==> flow/design.v <==
module core_switch #(
    parameter DATA_W = 16,
    parameter INPUTS = 16,
    parameter LG = $clog2(INPUTS)
) (
    input wire clk,
    input wire nrst,
    input wire [INPUTS*DATA_W-1:0] i_bus,
    input wire [LG-1:0] i_select,
    output wire [DATA_W-1:0] o_data_out
);
    reg [INPUTS*DATA_W-1:0] bus_q;
    reg [LG-1:0] select_q;
    wire [INPUTS*DATA_W-1:0] cur = bus_q >> (select_q * DATA_W);
    assign o_data_out = cur[DATA_W-1:0];
    always @(posedge clk) begin
        if (!nrst) begin
            bus_q <= 0;
            select_q <= 0;
        end else begin
            bus_q <= i_bus;
            select_q <= i_select;
        end
    end
endmodule
* Step by step through the tools: core_switch
What the tools print for core_switch, step after step.
Line numbers count from 1 in the design file above.
Operators: Yosys type, input widths -> output width; for muxes data width and select width s.
Cell names lack the library's common part.
A cell with -- has no value.
- Design top :: core_switch
- Clock :: clk
- Library :: sky130hd
- Timing corner :: tt_025C_1v80

* Elaborated design
Source: Yosys, flattened and elaborated, memories not mapped. Widths are those after wreduce; folded enables and synchronous resets count as part of the registers. Registers that Yosys merges into a memory's read port (data or address) are not register bits. Print and check cells do not count. Equal cells are merged and count once.
- Flip-flop bits (word level) :: 260
- Input bits :: 262
- Output and inout bits :: 16
- Word-level cells :: 3
- Shift-type cells :: 1
** Operator list (number)
- $shr 256x8->16 :: 1

* Longest topological paths
Depth = most cells in a row (Yosys ltp): at word level without a register or memory, in the mapped netlist without a sequential cell, where the memories' decode and read muxes count.
- Word-level depth :: 1
- ABC_AREA :: 0
- Depth in mapped cells :: 5
- Mapped depth without buffers :: 3

* Mapped cells and area
The flow's flattened synthesis, as Yosys stat reports it; memories are mapped. The netlist is that of the ABC_AREA named above (0 if unset); the other value can give another one.
The area totals of this step are shown rounded.
- Cells in the netlist :: 686
- Chip area (Yosys) :: 8911 um^2
- Area of sequential cells :: 5205 um^2
- Mapped flip-flops :: 260
- Buffers :: 50
** Cell types
- dfxtp_1 :: number 260, area in all 5.2E+03 um^2
- and2_1 :: number 261, area in all 1.63E+03 um^2
- mux4_2 :: number 54, area in all 1.22E+03 um^2
- mux4_1 :: number 10, area in all 262.752 um^2
- a22oi_1 :: number 32, area in all 240.23 um^2
- clkbuf_1 :: number 33, area in all 123.869 um^2
- nand2_1 :: number 16, area in all 60.058 um^2
- buf_4 :: number 6, area in all 45.043 um^2
- buf_6 :: number 4, area in all 45.043 um^2
- clkbuf_8 :: number 2, area in all 27.526 um^2
- buf_2 :: number 3, area in all 15.014 um^2
- dlymetal6s2s_1 :: number 1, area in all 12.512 um^2
- nor2b_1 :: number 2, area in all 12.512 um^2
- dlygate4sd1_1 :: number 1, area in all 8.758 um^2
- nor2_1 :: number 1, area in all 3.754 um^2

* Worst setup path after synthesis
Path of least setup slack by OpenSTA after synthesis, without wires, with an ideal clock, recovery checks aside; 20% of the period is set as input and as output delay. Where synthesis merged equal registers, the netlist keeps one of their names.
- Kind :: register to output
- From :: register select_q[0]
- To :: output port o_data_out[12]
- Period :: 2.27 ns
- External output delay :: 0.454 ns
- Launch time at the first pin :: 0.000 ns
- Arrival time :: 1.451 ns
- Data required time :: 1.816 ns
- Slack :: 0.365 ns
- Path delay :: 1.451 ns
- Stages on the path :: 6
- Path buffers :: 2
- Synthesis period reached :: 1.905 ns
"path delay" = arrival - input delay + setup time.
At an output port there is no setup time.
"stages on the path": output pins that drive a net of the path, with the launching flip-flop's if there is one; two outputs of one cell count as two.
"synthesis period reached" is the clock period less the worst setup slack; recovery checks do not enter. This is arithmetic on one report: input and output delays are still those of the set period (20% each).
Between the ends stands the longest chain of elaborated cells between them, by number of cells; it is not shown to be the way that was timed. Of several equally long chains one is given.
Each line given opens the expression or statement behind the cell; cells for indexed reads and writes are added by Yosys, which also makes memories of some case tables.
- Path through :: dfxtp_1 buf_6 buf_6 mux4_1 a22oi_1 nand2_1
- Length of the longest elaborated chain :: 1
- Elaborated cells between the ends (all ways) :: 1
- Source lines of those cells :: 1
- Classes of those cells :: shift: 1
** RTL lines, path after synthesis
- from (decl) :: RTL line 13 : reg [LG-1:0] select_q;
- from (assign) :: RTL line 19 : select_q <= 0;
- from (assign) :: RTL line 22 : select_q <= i_select;
- $shr 256x8->16 :: RTL line 14 : wire [INPUTS*DATA_W-1:0] cur = bus_q >> (select_q * DATA_W);
- to (decl) :: RTL line 10 : output wire [DATA_W-1:0] o_data_out

* Timing after layout
Path of least setup slack in the final report of entry A (OpenROAD, finished layout, wires in). Where an end is a register, its clock arrival counts in the times.
- Kind :: register to output
- From :: register select_q[0]
- To :: output port o_data_out[14]
- Period :: 2.78 ns
- External output delay :: 0.56 ns
- Launch time at the first pin :: 0.54 ns
- Arrival time :: 2.32 ns
- Data required time :: 2.22 ns
- Slack :: -0.09 ns
- Stages on the path :: 7
- Path buffers :: 3
Between the ends stands the longest chain of elaborated cells between them, by number of cells; it is not shown to be the way that was timed. Of several equally long chains one is given.
- Path through :: dfxtp_4 buf_12 buf_16 mux4_2 a22oi_2 nand2_1 buf_2
- Length of the longest elaborated chain :: 1
- Elaborated cells between the ends (all ways) :: 1
- Source lines of those cells :: 1
- Classes of those cells :: shift: 1
** RTL lines, path post-layout
- from (decl) :: RTL line 13 : reg [LG-1:0] select_q;
- from (assign) :: RTL line 19 : select_q <= 0;
- from (assign) :: RTL line 22 : select_q <= i_select;
- $shr 256x8->16 :: RTL line 14 : wire [INPUTS*DATA_W-1:0] cur = bus_q >> (select_q * DATA_W);
- to (decl) :: RTL line 10 : output wire [DATA_W-1:0] o_data_out

Hand-over note for core_switch

Module core_switch, platform sky130hd: 3 stored runs of the flow (Yosys, OpenROAD) with differing settings, in no particular order. Input and output delays are each 20% of the period that was set; the output load is 0.01 pF.
"period reached" = clock period - worst setup slack. The figure is calculated, with input and output delays left at 20% of the set period.
"power" rests on the timing tool's default activity at the inputs, not on a simulated workload.
The results are shown rounded.

** Entry A
- Settings :: period_ns=2.78; CORE_UTILIZATION=23; PLACE_DENSITY=0.51; GPL_TIMING_DRIVEN=1; CAP_MARGIN=30; SLEW_MARGIN=5; MAX_ROUTING_LAYER=met5; CORE_MARGIN=2
- Period reached :: 2.873 ns
- Area inside the die boundary :: 40330 um^2
- Worst setup slack after layout :: -0.093 ns
- Yosys chip area after synthesis :: 8911 um^2
- Final setup TNS :: -0.613 ns
- Power :: 9190 µW
- Standard-cell area after layout :: 13880 um^2
- Utilization after layout :: 36.1 %

** Entry B
- Settings :: period_ns=1.56; CORE_UTILIZATION=31; SETUP_SLACK_MARGIN=0.24; PLACE_DENSITY=0.71; CELL_PAD_IN_SITES_GLOBAL_PLACEMENT=2; CELL_PAD_IN_SITES_DETAIL_PLACEMENT=0; TNS_END_PERCENT=20; ABC_AREA=1; GPL_TIMING_DRIVEN=0; MIN_ROUTING_LAYER=met2; MAX_ROUTING_LAYER=met4; CAP_MARGIN=20; CORE_MARGIN=2; SLEW_MARGIN=20
- Period reached :: 2.340 ns
- Area inside the die boundary :: 35570 um^2
- Worst setup slack after layout :: -0.780 ns
- Yosys chip area after synthesis :: 10560 um^2
- Final setup TNS :: -11.94 ns
- Power :: 17370 µW
- Standard-cell area after layout :: 16170 um^2
- Utilization after layout :: 48.2 %

** Entry C
- Settings :: period_ns=2.27; CAP_MARGIN=20; CORE_MARGIN=2; CORE_UTILIZATION=40; SLEW_MARGIN=20
- Period reached :: 2.799 ns
- Area inside the die boundary :: 23490 um^2
- Worst setup slack after layout :: -0.529 ns
- Yosys chip area after synthesis :: 8911 um^2
- Final setup TNS :: -7.518 ns
- Power :: 10590 µW
- Standard-cell area after layout :: 13460 um^2
- Utilization after layout :: 61.7 %

End of note.
